==> flow/design.v <==
module my_summer_rtl #(
   parameter integer BITS = 8
) (
   input logic clock,
   input logic srst,
   input logic [BITS-1:0] in_dataa,
   input logic [BITS-1:0] in_datab,
   input logic in_carry_in,
   output logic [BITS-1:0] out_s,
   output logic out_ovf
);
   logic [BITS-1:0] dataa_reg;
   logic [BITS-1:0] datab_reg;
   logic carry_in_reg;
   logic [BITS-1:0] tmp;
   logic [BITS:0] c;
   assign c[0] = carry_in_reg;
   for (genvar gi = 0; gi < BITS; gi++) begin : row
      assign tmp[gi] = dataa_reg[gi] ^ datab_reg[gi] ^ c[gi];
      assign c[gi+1] = (dataa_reg[gi] & datab_reg[gi]) | (c[gi] & (dataa_reg[gi] ^ datab_reg[gi]));
   end
   assign out_s = tmp;
   assign out_ovf = c[BITS];
   always_ff @(posedge clock or posedge srst) begin
      if (srst) begin
         dataa_reg <= 0;
         datab_reg <= 0;
         carry_in_reg <= 1'b0;
      end else begin
         dataa_reg <= in_dataa;
         datab_reg <= in_datab;
         carry_in_reg <= in_carry_in;
      end
   end
endmodule
Reports on my_summer_rtl
Tool output for the members of one design family, told apart by "BITS", in the order of the flow.
The file above is the member BITS=8. Line numbers count from 1 in each member's own file.
Operators: Yosys type, input widths -> output width; for muxes data width and select width s.
Cell names lack the library's common part.
{ "design": {"design": "my_summer_rtl", "clock": "clock", "library": "sky130hd", "lib_corner": "tt_025C_1v80"} }

Members of the sweep
New or changed lines of each further member against the RTL above, in its own file; lines it lacks are not shown.
{ "changed_lines": {"columns": ["BITS", "line", "rtl"], "rows": [
  [40, 2, "parameter integer BITS = 40"],
  [64, 2, "parameter integer BITS = 64"],
  [80, 2, "parameter integer BITS = 80"]
]} }

Word level
Source: Yosys, flattened and elaborated, memories not mapped. Widths are those after wreduce; folded enables and synchronous resets count as part of the registers. Registers that Yosys merges into a memory's read port (data or address) are not register bits. Print and check cells do not count. Equal cells are merged and count once.
{ "classes": {"columns": ["BITS", "bitwise"], "rows": [
  [8, 40],
  [40, 200],
  [64, 320],
  [80, 400]
]} }
{ "ops": {"columns": ["BITS", "operators"], "rows": [
  [8, "$and 1x1->1 (16); $xor 1x1->1 (16); $or 1x1->1 (8)"],
  [40, "$and 1x1->1 (80); $xor 1x1->1 (80); $or 1x1->1 (40)"],
  [64, "$and 1x1->1 (128); $xor 1x1->1 (128); $or 1x1->1 (64)"],
  [80, "$and 1x1->1 (160); $xor 1x1->1 (160); $or 1x1->1 (80)"]
]} }
{ "bits": {"columns": ["BITS", "wordCells", "regBits", "out_inout_bits"], "rows": [
  [8, 43, 17, 9],
  [40, 203, 81, 41],
  [64, 323, 129, 65],
  [80, 403, 161, 81]
]} }

Depth
Yosys ltp: most cells in a row. Word level: on the elaborated netlist, between registers, memories and ports. Mapped: between sequential cells and ports; inverters and the memories' decode and read muxes count.
{ "depth": {"columns": ["BITS", "depth_word", "abc_area", "depth_mapped", "depth_no_buf"], "rows": [
  [8, 17, 0, 12, 12],
  [40, 81, 0, 44, 44],
  [64, 129, 0, 68, 68],
  [80, 161, 0, 84, 84]
]} }

After synthesis
The flow's flattened synthesis, as Yosys stat reports it; memories are mapped. The netlist is that of the ABC_AREA named above (0 if unset); the other value can give another one.
{ "types": {"columns": ["BITS", "cell_types"], "rows": [
  [8, "dfrtp_1 (17); fa_1 (8); inv_1 (11)"],
  [40, "dfrtp_1 (81); fa_1 (40); inv_1 (11)"],
  [64, "dfrtp_1 (129); fa_1 (64); inv_1 (11)"],
  [80, "dfrtp_1 (161); fa_1 (80); inv_1 (11)"]
]} }
{ "synth_totals": {"columns": ["BITS", "buf_cells", "cells", "ffs", "area_um2"], "rows": [
  [8, 0, 36, 17, 626.9],
  [40, 0, 132, 81, 2869.0],
  [64, 0, 204, 129, 4550.6],
  [80, 0, 252, 161, 5671.7]
]} }

Worst setup path after synthesis
OpenSTA on the mapped netlist: ideal clock, no wires. The path of least setup slack (recovery checks aside). Input and output delay are each 20% of the period. Register names are those of the netlist, which keeps one name where synthesis merged equal registers.
{ "synth_path": {"columns": ["BITS", "path_type", "startpoint", "endpoint", "slack_ps", "path_delay_ps", "period_ps", "driving_pins", "period_less_setup_slack_ps"], "rows": [
  [8, "flip-flop to output port", "register dataa_reg[0]", "output out_s[7]", 862, 3442, 5380, 13, 4518],
  [40, "flip-flop to output port", "register dataa_reg[0]", "output out_s[39]", 3927, 15593, 24400, 45, 20473],
  [64, "flip-flop to output port", "register dataa_reg[0]", "output out_s[63]", 6174, 24706, 38600, 69, 32426],
  [80, "flip-flop to output port", "register dataa_reg[0]", "output out_s[79]", 7698, 30782, 48100, 85, 40402]
]} }
"path_delay_ps" is the arrival time less input delay plus setup time.
At an output port there is no setup time.
"driving_pins": output pins that drive a net of the path, with the launching flip-flop's if there is one; two outputs of one cell count as two.
"period_less_setup_slack_ps" = period - worst setup slack (recovery checks aside). The figure is calculated, with input and output delays left at 20% of the set period.
The rows between start and end are the longest chain of elaborated cells between them; the timing report does not say that the signal goes this way. Where chains are equally long, one stands for them.
Each line given opens the expression or statement behind the cell; cells for indexed reads and writes are added by Yosys, which also makes memories of some case tables.
{ "synth_between_BITS_8": {"elab_chain_len": 16} }
{ "synth_rtl_BITS_8": {"columns": ["element", "line", "rtl"], "rows": [
  ["start: declaration", 12, "logic [BITS-1:0] dataa_reg;"],
  ["start: assignment", 26, "dataa_reg <= 0;"],
  ["start: assignment", 30, "dataa_reg <= in_dataa;"],
  ["$xor 1x1->1", 20, "assign c[gi+1] = (dataa_reg[gi] & datab_reg[gi]) | (c[gi] & (dataa_reg[gi] ^ datab_reg[gi]));"],
  ["$and 1x1->1", 20, null],
  ["$or 1x1->1", 20, null],
  ["$and 1x1->1", 20, null],
  ["$or 1x1->1", 20, null],
  ["$and 1x1->1", 20, null],
  ["$or 1x1->1", 20, null],
  ["[... 2 more ...]", null, null],
  ["$and 1x1->1", 20, null],
  ["$or 1x1->1", 20, null],
  ["$and 1x1->1", 20, null],
  ["$or 1x1->1", 20, null],
  ["$and 1x1->1", 20, null],
  ["$or 1x1->1", 20, null],
  ["$xor 1x1->1", 19, "assign tmp[gi] = dataa_reg[gi] ^ datab_reg[gi] ^ c[gi];"],
  ["end: declaration", 9, "output logic [BITS-1:0] out_s,"]
]} }
{ "synth_between_BITS_80": {"elab_chain_len": 160} }
{ "synth_rtl_BITS_80": {"columns": ["element", "line", "rtl"], "rows": [
  ["start: declaration", 12, "logic [BITS-1:0] dataa_reg;"],
  ["start: assignment", 26, "dataa_reg <= 0;"],
  ["start: assignment", 30, "dataa_reg <= in_dataa;"],
  ["$xor 1x1->1", 20, "assign c[gi+1] = (dataa_reg[gi] & datab_reg[gi]) | (c[gi] & (dataa_reg[gi] ^ datab_reg[gi]));"],
  ["$and 1x1->1", 20, null],
  ["$or 1x1->1", 20, null],
  ["$and 1x1->1", 20, null],
  ["$or 1x1->1", 20, null],
  ["$and 1x1->1", 20, null],
  ["$or 1x1->1", 20, null],
  ["[... 146 more ...]", null, null],
  ["$and 1x1->1", 20, null],
  ["$or 1x1->1", 20, null],
  ["$and 1x1->1", 20, null],
  ["$or 1x1->1", 20, null],
  ["$and 1x1->1", 20, null],
  ["$or 1x1->1", 20, null],
  ["$xor 1x1->1", 19, "assign tmp[gi] = dataa_reg[gi] ^ datab_reg[gi] ^ c[gi];"],
  ["end: declaration", 9, "output logic [BITS-1:0] out_s,"]
]} }

Worst path after layout
From the final timing report of the run of each member: the path of least setup slack in the routed layout; clock arrival at registers is part of the times.
The report prints the path's times to 10 ps; the period is as set.
{ "layout_path": {"columns": ["BITS", "path_type", "startpoint", "endpoint", "driving_pins", "period_ps", "n_path_buf", "slack_ps", "arrival_ps"], "rows": [
  [8, "flip-flop to output port", "register dataa_reg[0]", "output out_s[7]", 14, 5380, 1, 230, 4070],
  [40, "flip-flop to output port", "register dataa_reg[0]", "output out_s[39]", 46, 24400, 1, 2480, 17040],
  [64, "flip-flop to output port", "register dataa_reg[0]", "output out_s[63]", 70, 38600, 1, 4160, 26720],
  [80, "flip-flop to output port", "register dataa_reg[0]", "output out_s[79]", 86, 48100, 1, 5380, 33100]
]} }

Flow runs
One run of the flow (Yosys, OpenROAD) for each member, with settings and measured results. Input and output delays are each 20% of the period that was set; the output load is 0.01 pF.
{ "flow_settings": {"CAP_MARGIN": 20, "CORE_MARGIN": 2, "CORE_UTILIZATION": 40, "SLEW_MARGIN": 20} }
{ "settings_diff": {"columns": ["BITS", "period_ns"], "rows": [
  [8, 5.38],
  [40, 24.4],
  [64, 38.6],
  [80, 48.1]
]} }
{ "results": {"columns": ["BITS", "period_reached_ps", "dieArea_um2", "final_cell_area_um2", "synthesis_area_um2", "ws_setup_ps"], "rows": [
  [8, 5150, 1899.7, 943.4, 626.9, 230],
  [40, 21922, 7865.9, 4461.8, 2869.0, 2478],
  [64, 34438, 12245.6, 7319.5, 4550.6, 4162],
  [80, 42719, 15147.5, 9021.1, 5671.7, 5381]
]} }
"period_reached_ps" is the run's clock period less its worst setup slack. It is reckoned from that one timing run; input and output delays stay at 20% of the period that was set.
